==> flow/design.v <==
module alu_mpy (i_clk, RSTN, arg0, prod);
    parameter NBITS = 6;
    input i_clk;
    input RSTN;
    input [NBITS-1:0] arg0;
    output [2*NBITS-1:0] prod;
    reg [NBITS-1:0] arg0_r;
    always @(posedge i_clk) begin
        if (~RSTN) begin
            arg0_r <= 0;
        end else begin
            arg0_r <= arg0;
        end
    end
    assign prod = arg0_r * arg0_r;
endmodule
Ticket comment

* Step by step through the tools: alu_mpy
Tool output for the members of one design family, told apart by "NBITS", in the order of the flow. The RTL above is that of NBITS 6; lines are counted from 1 in the file of the member named. Not given: n/a
Set-up: top module alu_mpy, clock input i_clk, library sky130hd, corner tt_025C_1v80

* Source of the members
New or changed lines of each further member against the RTL above, in its own file; lines it lacks are not shown.
Lines new or changed:
- NBITS 8 | line 2 | parameter NBITS = 8;
- NBITS 10 | line 2 | parameter NBITS = 10;
- NBITS 14 | line 2 | parameter NBITS = 14;
- NBITS 16 | line 2 | parameter NBITS = 16;

* Word-level counts
Counts by Yosys on the flattened word-level netlist (proc, flatten, opt, wreduce; memories kept). Register bits leave out memories and registers merged into their read ports (data or address); mux counts leave out enables and synchronous resets folded into registers. Print and check cells are left out. Cells with the same type and inputs are merged into one.
Bit counts:
- NBITS 6 | output and inout port bits 12, elaborated cells 2, memory cells 0, latch bits 0, bits in read-only memories 0, word width x clocked read ports 0, flip-flop bits (word level) 6, bits in writable memories 0, input port bits 8
- NBITS 8 | output and inout port bits 16, elaborated cells 2, memory cells 0, latch bits 0, bits in read-only memories 0, word width x clocked read ports 0, flip-flop bits (word level) 8, bits in writable memories 0, input port bits 10
- NBITS 10 | output and inout port bits 20, elaborated cells 2, memory cells 0, latch bits 0, bits in read-only memories 0, word width x clocked read ports 0, flip-flop bits (word level) 10, bits in writable memories 0, input port bits 12
- NBITS 14 | output and inout port bits 28, elaborated cells 2, memory cells 0, latch bits 0, bits in read-only memories 0, word width x clocked read ports 0, flip-flop bits (word level) 14, bits in writable memories 0, input port bits 16
- NBITS 16 | output and inout port bits 32, elaborated cells 2, memory cells 0, latch bits 0, bits in read-only memories 0, word width x clocked read ports 0, flip-flop bits (word level) 16, bits in writable memories 0, input port bits 18
Operators by class:
- NBITS 6 | $lt $le $gt $ge 0, muxes and demuxes 0, reductions and logical operators 0, multipliers 1, add/subtract/negate cells 0, eq/ne operators 0, shifts and indexed selects 0, div/mod/pow operators 0, bitwise gates (word level) 0
- NBITS 8 | $lt $le $gt $ge 0, muxes and demuxes 0, reductions and logical operators 0, multipliers 1, add/subtract/negate cells 0, eq/ne operators 0, shifts and indexed selects 0, div/mod/pow operators 0, bitwise gates (word level) 0
- NBITS 10 | $lt $le $gt $ge 0, muxes and demuxes 0, reductions and logical operators 0, multipliers 1, add/subtract/negate cells 0, eq/ne operators 0, shifts and indexed selects 0, div/mod/pow operators 0, bitwise gates (word level) 0
- NBITS 14 | $lt $le $gt $ge 0, muxes and demuxes 0, reductions and logical operators 0, multipliers 1, add/subtract/negate cells 0, eq/ne operators 0, shifts and indexed selects 0, div/mod/pow operators 0, bitwise gates (word level) 0
- NBITS 16 | $lt $le $gt $ge 0, muxes and demuxes 0, reductions and logical operators 0, multipliers 1, add/subtract/negate cells 0, eq/ne operators 0, shifts and indexed selects 0, div/mod/pow operators 0, bitwise gates (word level) 0
Operators by type and width (kind and count):
- NBITS 6 | 1 x multiplier 6 x 6 -> 12 bit
- NBITS 8 | 1 x multiplier 8 x 8 -> 16 bit
- NBITS 10 | 1 x multiplier 10 x 10 -> 20 bit
- NBITS 14 | 1 x multiplier 14 x 14 -> 28 bit
- NBITS 16 | 1 x multiplier 16 x 16 -> 32 bit

* Depth
Yosys ltp: most cells in a row. Word level: on the elaborated netlist, between registers, memories and ports. Mapped: between sequential cells and ports; inverters and the memories' decode and read muxes count.
Logic depth:
- NBITS 6 | depth after elaboration 1, ABC_AREA 0, depth in mapped cells 13, gate-level depth less buffers 13
- NBITS 8 | depth after elaboration 1, ABC_AREA 0, depth in mapped cells 16, gate-level depth less buffers 15
- NBITS 10 | depth after elaboration 1, ABC_AREA 0, depth in mapped cells 20, gate-level depth less buffers 18
- NBITS 14 | depth after elaboration 1, ABC_AREA 0, depth in mapped cells 23, gate-level depth less buffers 22
- NBITS 16 | depth after elaboration 1, ABC_AREA 0, depth in mapped cells 22, gate-level depth less buffers 21

* Synthesis result
The flow's flattened synthesis, as Yosys stat reports it; memories are mapped. The netlist is that of the ABC_AREA named above (0 if unset); the other value can give another one. Totals and module areas in this step are rounded.
Synthesis totals:
- NBITS 6 | chip area (Yosys) 940 um2, sequential area 120 um2, mapped flip-flops 6, cells in the netlist 111, buffers 4
- NBITS 8 | chip area (Yosys) 2000 um2, sequential area 160 um2, mapped flip-flops 8, cells in the netlist 229, buffers 4
- NBITS 10 | chip area (Yosys) 3100 um2, sequential area 200 um2, mapped flip-flops 10, cells in the netlist 369, buffers 12
- NBITS 14 | chip area (Yosys) 6100 um2, sequential area 280 um2, mapped flip-flops 14, cells in the netlist 684, buffers 19
- NBITS 16 | chip area (Yosys) 7900 um2, sequential area 320 um2, mapped flip-flops 16, cells in the netlist 906, buffers 28
Cells by type (type and count):
- NBITS 6 | 13 x sky130_fd_sc_hd__ha_1; 8 x sky130_fd_sc_hd__fa_1; 6 x sky130_fd_sc_hd__dfxtp_1; 16 x sky130_fd_sc_hd__and2_1; 20 x sky130_fd_sc_hd__inv_1; 5 x sky130_fd_sc_hd__xnor2_1; 3 x sky130_fd_sc_hd__mux2i_1; 3 x sky130_fd_sc_hd__xor2_1; 4 x sky130_fd_sc_hd__nor2b_1; 6 x sky130_fd_sc_hd__nand2_1; 5 x sky130_fd_sc_hd__nor2_1; 2 x sky130_fd_sc_hd__a21oi_2; 2 x sky130_fd_sc_hd__buf_4; 2 x sky130_fd_sc_hd__o21a_1; 1 x sky130_fd_sc_hd__buf_6; 2 x sky130_fd_sc_hd__a21oi_1; 1 x sky130_fd_sc_hd__and4b_1; 2 x sky130_fd_sc_hd__nand3_1; (+10)
- NBITS 8 | 25 x sky130_fd_sc_hd__fa_1; 30 x sky130_fd_sc_hd__ha_1; 29 x sky130_fd_sc_hd__and2_1; 46 x sky130_fd_sc_hd__inv_1; 8 x sky130_fd_sc_hd__dfxtp_1; 9 x sky130_fd_sc_hd__xnor2_1; 14 x sky130_fd_sc_hd__nand2_1; 11 x sky130_fd_sc_hd__nor2_1; 8 x sky130_fd_sc_hd__a21oi_1; 6 x sky130_fd_sc_hd__o21ai_1; 3 x sky130_fd_sc_hd__a21o_1; 4 x sky130_fd_sc_hd__o21ai_0; 3 x sky130_fd_sc_hd__nand4_1; 3 x sky130_fd_sc_hd__nor2b_1; 2 x sky130_fd_sc_hd__xor2_1; 1 x sky130_fd_sc_hd__o41ai_2; 2 x sky130_fd_sc_hd__a211oi_1; 2 x sky130_fd_sc_hd__buf_4; (+23)
- NBITS 10 | 47 x sky130_fd_sc_hd__fa_1; 49 x sky130_fd_sc_hd__ha_1; 86 x sky130_fd_sc_hd__inv_1; 34 x sky130_fd_sc_hd__and2_1; 10 x sky130_fd_sc_hd__dfxtp_1; 15 x sky130_fd_sc_hd__xnor2_1; 32 x sky130_fd_sc_hd__nand2_1; 7 x sky130_fd_sc_hd__xor2_1; 12 x sky130_fd_sc_hd__a21oi_1; 15 x sky130_fd_sc_hd__nor2_1; 6 x sky130_fd_sc_hd__a21o_1; 4 x sky130_fd_sc_hd__a21oi_2; 7 x sky130_fd_sc_hd__o21ai_0; 8 x sky130_fd_sc_hd__clkbuf_1; 5 x sky130_fd_sc_hd__nand3_1; 4 x sky130_fd_sc_hd__nor2b_1; 2 x sky130_fd_sc_hd__a21o_2; 2 x sky130_fd_sc_hd__buf_4; (+24)
- NBITS 14 | 114 x sky130_fd_sc_hd__fa_1; 91 x sky130_fd_sc_hd__ha_1; 177 x sky130_fd_sc_hd__inv_1; 14 x sky130_fd_sc_hd__dfxtp_1; 42 x sky130_fd_sc_hd__and2_1; 69 x sky130_fd_sc_hd__nand2_1; 28 x sky130_fd_sc_hd__xnor2_1; 16 x sky130_fd_sc_hd__a21o_1; 19 x sky130_fd_sc_hd__a21oi_1; 8 x sky130_fd_sc_hd__xor2_1; 17 x sky130_fd_sc_hd__clkbuf_1; 14 x sky130_fd_sc_hd__nor2_1; 8 x sky130_fd_sc_hd__nor2b_1; 6 x sky130_fd_sc_hd__a31oi_1; 6 x sky130_fd_sc_hd__o21ai_0; 4 x sky130_fd_sc_hd__o21bai_1; 3 x sky130_fd_sc_hd__a31o_2; 4 x sky130_fd_sc_hd__and3_1; (+44)
- NBITS 16 | 162 x sky130_fd_sc_hd__fa_1; 102 x sky130_fd_sc_hd__ha_1; 249 x sky130_fd_sc_hd__inv_1; 94 x sky130_fd_sc_hd__nand2_1; 54 x sky130_fd_sc_hd__and2_1; 16 x sky130_fd_sc_hd__dfxtp_1; 29 x sky130_fd_sc_hd__xnor2_1; 29 x sky130_fd_sc_hd__a21oi_1; 33 x sky130_fd_sc_hd__nor2_1; 12 x sky130_fd_sc_hd__a21o_1; 24 x sky130_fd_sc_hd__clkbuf_1; 14 x sky130_fd_sc_hd__o21ai_0; 8 x sky130_fd_sc_hd__xor2_1; 7 x sky130_fd_sc_hd__a211oi_1; 8 x sky130_fd_sc_hd__and3_1; 6 x sky130_fd_sc_hd__nand4_1; 5 x sky130_fd_sc_hd__or2_2; 4 x sky130_fd_sc_hd__a31oi_1; (+50)
A list marked (+n) leaves out that many cells.

* Path before layout
Source: OpenSTA report_checks on the synthesized netlist (no wires, ideal clock, input and output delay 20% of the period each), path of least setup slack; recovery checks are left aside. Register names are those of the netlist, which keeps one name where synthesis merged equal registers.
Timing path after synthesis:
- NBITS 6 | path kind flip-flop to output port, start point register arg0_r[0], end point output prod[11], delay of the path 3.203 ns, period 5.0 ns, path slack 0.797 ns, stages 12, period reached after synthesis 4.203 ns
- NBITS 8 | path kind flip-flop to output port, start point register arg0_r[5], end point output prod[13], delay of the path 3.848 ns, period 6.01 ns, path slack 0.960 ns, stages 14, period reached after synthesis 5.05 ns
- NBITS 10 | path kind flip-flop to output port, start point register arg0_r[3], end point output prod[17], delay of the path 4.682 ns, period 7.32 ns, path slack 1.174 ns, stages 19, period reached after synthesis 6.146 ns
- NBITS 14 | path kind flip-flop to output port, start point register arg0_r[4], end point output prod[25], delay of the path 5.725 ns, period 8.95 ns, path slack 1.435 ns, stages 20, period reached after synthesis 7.515 ns
- NBITS 16 | path kind flip-flop to output port, start point register arg0_r[4], end point output prod[25], delay of the path 5.494 ns, period 8.58 ns, path slack 1.370 ns, stages 22, period reached after synthesis 7.21 ns
"delay of the path" = arrival - input delay + setup time. At an output port there is no setup time. "stages" counts driving pins, that of a launching flip-flop among them; a cell with two outputs on the path counts twice. "period reached after synthesis" is the clock period less the worst setup slack; recovery checks do not enter. This is arithmetic on one report: input and output delays are still those of the set period (20% each). Between the ends stands the longest chain of elaborated cells between them, by number of cells; it is not shown to be the way that was timed. Of several equally long chains one is given. Each line given opens the expression or statement behind the cell; cells for indexed reads and writes are added by Yosys, which also makes memories of some case tables.
Between the ends, after synthesis, NBITS 6: length of the longest elaborated chain 1
Ends and longest elaborated chain, after synthesis, NBITS 6:
- start: declaration | line 7 | reg [NBITS-1:0] arg0_r;
- start: assignment | line 10 | arg0_r <= 0;
- start: assignment | line 12 | arg0_r <= arg0;
- multiplier 6 x 6 -> 12 bit | line 15 | assign prod = arg0_r * arg0_r;
- end: declaration | line 6 | output [2*NBITS-1:0] prod;
Between the ends, after synthesis, NBITS 16: length of the longest elaborated chain 1
Ends and longest elaborated chain, after synthesis, NBITS 16:
- start: declaration | line 7 | reg [NBITS-1:0] arg0_r;
- start: assignment | line 10 | arg0_r <= 0;
- start: assignment | line 12 | arg0_r <= arg0;
- multiplier 16 x 16 -> 32 bit | line 15 | assign prod = arg0_r * arg0_r;
- end: declaration | line 6 | output [2*NBITS-1:0] prod;

* Worst path after layout
From the final timing report of each member's run: the path of least setup slack in the routed layout; clock arrival at registers is part of the times.
Timing path post-layout:
- NBITS 6 | path kind flip-flop to output port, start point register arg0_r[0], end point output prod[6], path slack 0.21 ns, data arrival time 3.79 ns, period 5.0 ns, buffers on the path 1, stages 12
- NBITS 8 | path kind flip-flop to output port, start point register arg0_r[7], end point output prod[12], path slack 0.23 ns, data arrival time 4.58 ns, period 6.01 ns, buffers on the path 1, stages 15
- NBITS 10 | path kind flip-flop to output port, start point register arg0_r[4], end point output prod[16], path slack 0.33 ns, data arrival time 5.53 ns, period 7.32 ns, buffers on the path 1, stages 18
- NBITS 14 | path kind flip-flop to output port, start point register arg0_r[9], end point output prod[25], path slack 0.33 ns, data arrival time 6.83 ns, period 8.95 ns, buffers on the path 1, stages 18
- NBITS 16 | path kind flip-flop to output port, start point register arg0_r[9], end point output prod[25], path slack 0.28 ns, data arrival time 6.58 ns, period 8.58 ns, buffers on the path 1, stages 22

* Measured runs
One run of the flow (Yosys, OpenROAD) for each member, with settings and measured results. Input and output delays are each 20% of the period that was set; the output load is 0.01 pF.
Flow settings: CAP_MARGIN 20, CORE_MARGIN 2, CORE_UTILIZATION 40, SLEW_MARGIN 20
Settings that differ (period_ns):
- NBITS 6 | 5.0
- NBITS 8 | 6.01
- NBITS 10 | 7.32
- NBITS 14 | 8.95
- NBITS 16 | 8.58
Measured results:
- NBITS 6 | area of the standard cells in the finished layout 1200 um2, total power of the final layout 0.00018 W, worst hold slack in the final report 1.3 ns, cell area after synthesis 940 um2, summed negative setup slack 0.000 ns, post-route utilization 54%, die area 2700 um2, achieved period 4.791 ns, worst setup slack after layout 0.21 ns
- NBITS 8 | area of the standard cells in the finished layout 2300 um2, total power of the final layout 0.00029 W, worst hold slack in the final report 1.5 ns, cell area after synthesis 2000 um2, summed negative setup slack 0.000 ns, post-route utilization 49%, die area 5500 um2, achieved period 5.778 ns, worst setup slack after layout 0.23 ns
- NBITS 10 | area of the standard cells in the finished layout 3600 um2, total power of the final layout 0.00039 W, worst hold slack in the final report 1.8 ns, cell area after synthesis 3100 um2, summed negative setup slack 0.000 ns, post-route utilization 47%, die area 8600 um2, achieved period 6.989 ns, worst setup slack after layout 0.33 ns
- NBITS 14 | area of the standard cells in the finished layout 6800 um2, total power of the final layout 0.00075 W, worst hold slack in the final report 2.1 ns, cell area after synthesis 6100 um2, summed negative setup slack 0.000 ns, post-route utilization 45%, die area 16000 um2, achieved period 8.624 ns, worst setup slack after layout 0.33 ns
- NBITS 16 | area of the standard cells in the finished layout 8800 um2, total power of the final layout 0.0012 W, worst hold slack in the final report 2.0 ns, cell area after synthesis 7900 um2, summed negative setup slack 0.000 ns, post-route utilization 45%, die area 21000 um2, achieved period 8.299 ns, worst setup slack after layout 0.28 ns
"achieved period" = clock period - worst setup slack. The figure is calculated, with input and output delays left at 20% of the set period. "total power of the final layout": no workload was simulated; the value follows from the tool's default switching activity. The measured numbers are rounded.
